==> flow/design.v <==
module alu_cmp #(
    parameter NBITS = 80
) (
    input aclk,
    input en,
    input signed [NBITS-1:0] op_a,
    input signed [NBITS-1:0] op_b,
    output below,
    output a_eq_b,
    output a_gt_b
);
    reg signed [NBITS-1:0] op_a_ff;
    reg signed [NBITS-1:0] op_b_ff;
    always @(posedge aclk) begin
        if (en) begin
            op_a_ff <= op_a;
            op_b_ff <= op_b;
        end
    end
    assign below = (op_a_ff < op_b_ff);
    assign a_eq_b = (op_a_ff == op_b_ff);
    assign a_gt_b = (op_a_ff > op_b_ff);
endmodule
# Reports on alu_cmp
# The steps from the RTL of alu_cmp to its reports follow in flow order.
# Lines are those of the file above, counted from 1.
# Operators carry their Yosys type and port widths (W data, S select, Z words).
# The mark -- stands for no value.
[setup]
top_module = "alu_cmp"
clk_port = "aclk"
library = "sky130hd"
lib_corner = "tt_025C_1v80"

# After elaboration
# Source: Yosys, flattened and elaborated, memories not mapped. Widths are those after wreduce; folded enables and synchronous resets count as part of the registers. Registers that Yosys merges into a memory's read port (data or address) are not register bits. Print and check cells do not count. Equal cells are merged and count once.
[word_totals]
register_bits = 160
input_bits = 162
out_inout_bits = 3
wordCells = 5
[op_classes]
compare = 2
equal = 1
[ops]
columns = ["operator", "n"]
rows = [
  ["$gt A80 B80 Y1", 1],
  ["$lt A80 B80 Y1", 1],
  ["$eq A80 B80 Y1", 1],
]

# Logic depth
# Yosys ltp: most cells in a row. Word level: on the elaborated netlist, between registers, memories and ports. Mapped: between sequential cells and ports; inverters and the memories' decode and read muxes count.
[depth]
ltp_word = 1
abc_area = 0
depth_mapped = 9
depth_no_buf = 9

# After synthesis
# Yosys stat after the flow's synthesis: flattened, memories mapped to cells. It holds for the ABC_AREA given above (unset counts as 0); a run with the other value may have another netlist.
# The area totals of this step are shown rounded.
[mapped]
cells = 452
yosys_area_um2 = 6850
seq_area_um2 = 4800
ff_cells = 160
n_buf = 0
[types]
columns = ["type", "n", "type_area_um2"]
rows = [
  ["sky130_fd_sc_hd__edfxtp_1", 160, 4.8E+03],
  ["sky130_fd_sc_hd__ha_1", 80, 1000.96],
  ["sky130_fd_sc_hd__inv_1", 85, 319.056],
  ["sky130_fd_sc_hd__a21oi_1", 29, 145.139],
  ["sky130_fd_sc_hd__nand2_1", 23, 86.333],
  ["sky130_fd_sc_hd__nand4_1", 11, 68.816],
  ["sky130_fd_sc_hd__o21ai_0", 10, 50.048],
  ["sky130_fd_sc_hd__a21o_1", 6, 45.043],
  ["sky130_fd_sc_hd__a221oi_1", 4, 35.034],
  ["sky130_fd_sc_hd__and4_1", 4, 35.034],
  ["sky130_fd_sc_hd__nor2_1", 8, 30.029],
  ["sky130_fd_sc_hd__nand3_1", 5, 25.024],
  ["sky130_fd_sc_hd__and4_2", 2, 20.019],
  ["sky130_fd_sc_hd__nor3_1", 4, 20.019],
  ["sky130_fd_sc_hd__o221ai_1", 2, 17.517],
  ["sky130_fd_sc_hd__a211oi_1", 2, 15.014],
  ["sky130_fd_sc_hd__o211ai_1", 2, 15.014],
  ["sky130_fd_sc_hd__a211oi_2", 1, 12.512],
]
# Not listed: further types 12, cells in them 14.

# Worst setup path after synthesis
# Source: OpenSTA report_checks on the synthesized netlist (no wires, ideal clock, input and output delay 20% of the period each), path of least setup slack; recovery checks are left aside. Register names are those of the netlist, which keeps one name where synthesis merged equal registers.
[synth_path]
kind = "reg-to-output"
start = "register op_a_ff[69]"
end = "output port a_gt_b"
clock_period_ns = 3.22
output_delay_ns = 0.644
t_first_pin_ns = 0.000
arrival_ns = 2.060
required_time_ns = 2.576
setup_slack_ns = 0.516
delay_ns = 2.060
path_stages = 9
path_buffers = 0
synth_period_reached_ns = 2.704
# "delay_ns" is the arrival time less input delay plus setup time.
# A path that ends at an output port has no setup time.
# "path_stages" counts driving pins, that of a launching flip-flop among them; a cell with two outputs on the path counts twice.
# "synth_period_reached_ns" is the clock period less the worst setup slack; recovery checks do not enter. This is arithmetic on one report: input and output delays are still those of the set period (20% each).
# The rows between start and end are the longest chain of elaborated cells between them; the timing report does not say that the signal goes this way. Where chains are equally long, one stands for them.
# Each line given opens the expression or statement behind the cell; cells for indexed reads and writes are added by Yosys, which also makes memories of some case tables.
[synth_via]
cell_sequence = "sky130_fd_sc_hd__edfxtp_1 > sky130_fd_sc_hd__ha_1 > sky130_fd_sc_hd__a21o_1 > sky130_fd_sc_hd__a21o_1 > sky130_fd_sc_hd__a221o_1 > sky130_fd_sc_hd__a22o_1 > sky130_fd_sc_hd__a211oi_2 > sky130_fd_sc_hd__nor2_1 > sky130_fd_sc_hd__nor3_1"
elab_chain_cells = 1
cells_between = 1
lines_between = 1
classes_between = "compare: 1"
[synth_lines]
columns = ["element", "line", "rtl"]
rows = [
  ["start, declared", 12, "reg signed [NBITS-1:0] op_a_ff;"],
  ["start, assigned", 16, "op_a_ff <= op_a;"],
  ["$gt A80 B80 Y1", 22, "assign a_gt_b = (op_a_ff > op_b_ff);"],
  ["end, declared", 10, "output a_gt_b"],
]

# Worst path after layout
# Path of least setup slack in the final report of run 1 (OpenROAD, finished layout, wires in). Where an end is a register, its clock arrival counts in the times.
[layout_path]
kind = "reg-to-output"
start = "register op_a_ff[38]"
end = "output port below"
clock_period_ns = 4.44
output_delay_ns = 0.89
t_first_pin_ns = 0.52
arrival_ns = 2.81
required_time_ns = 3.55
setup_slack_ns = 0.74
path_stages = 10
path_buffers = 1
# The rows between start and end are the longest chain of elaborated cells between them; the timing report does not say that the signal goes this way. Where chains are equally long, one stands for them.
[layout_via]
cell_sequence = "sky130_fd_sc_hd__edfxtp_1 > sky130_fd_sc_hd__ha_4 > sky130_fd_sc_hd__nand4_1 > sky130_fd_sc_hd__nor4_4 > sky130_fd_sc_hd__inv_2 > sky130_fd_sc_hd__o221ai_2 > sky130_fd_sc_hd__a21oi_2 > sky130_fd_sc_hd__o211a_1 > sky130_fd_sc_hd__or2_1 > sky130_fd_sc_hd__buf_6"
elab_chain_cells = 1
cells_between = 1
lines_between = 1
classes_between = "compare: 1"
[layout_lines]
columns = ["element", "line", "rtl"]
rows = [
  ["start, declared", 12, "reg signed [NBITS-1:0] op_a_ff;"],
  ["start, assigned", 16, "op_a_ff <= op_a;"],
  ["$lt A80 B80 Y1", 20, "assign below = (op_a_ff < op_b_ff);"],
  ["end, declared", 8, "output below,"],
]

# Measured data: module alu_cmp, platform sky130hd, 3 stored runs of the flow under differing settings, order arbitrary. Input and output delays are each 20% of the period that was set; the output load is 0.01 pF.
# "totalPower_uw" is the tool's figure for a default switching activity; nothing was simulated.
# Measured values are rounded.

[[run]]
name = "run 1"
[run.settings]
period_ns = 4.44
CORE_UTILIZATION = 63
SETUP_SLACK_MARGIN = 1.33
PLACE_DENSITY = 0.72
CORE_MARGIN = 2
CELL_PAD_IN_SITES_DETAIL_PLACEMENT = 0
ABC_AREA = 0
GPL_TIMING_DRIVEN = 0
GPL_ROUTABILITY_DRIVEN = 0
CTS_CLUSTER_SIZE = 15
SLEW_MARGIN = 15
MAX_ROUTING_LAYER = "met4"
CAP_MARGIN = 20
[run.results]
total_die_area_um2 = 11700
fin_hold_ws_ns = 0.763
util_frac = 0.873
yosys.chip_area_um2 = 6850
totalPower_uw = 3530
final_setup_tns_ns = 0.000
final_setup_ws_ns = 0.742

[[run]]
name = "run 2"
[run.settings]
period_ns = 3.22
CAP_MARGIN = 20
CORE_MARGIN = 2
CORE_UTILIZATION = 40
SLEW_MARGIN = 20
[run.results]
total_die_area_um2 = 18200
fin_hold_ws_ns = 0.672
final_setup_tns_ns = -0.307
util_frac = 0.58
totalPower_uw = 5210
final_setup_ws_ns = -0.166
yosys.chip_area_um2 = 6850

[[run]]
name = "run 3"
[run.settings]
period_ns = 4.32
CORE_UTILIZATION = 65
SETUP_SLACK_MARGIN = -0.14
PLACE_DENSITY_LB_ADDON = 0.06
CELL_PAD_IN_SITES_GLOBAL_PLACEMENT = 0
TNS_END_PERCENT = 100
ABC_AREA = 1
GPL_TIMING_DRIVEN = 1
GPL_ROUTABILITY_DRIVEN = 0
CAP_MARGIN = 5
CORE_MARGIN = 2
SLEW_MARGIN = 20
[run.results]
fin_hold_ws_ns = 0.875
yosys.chip_area_um2 = 7080
final_setup_tns_ns = 0.000
util_frac = 0.877
total_die_area_um2 = 11700
final_setup_ws_ns = 0.379
totalPower_uw = 3700
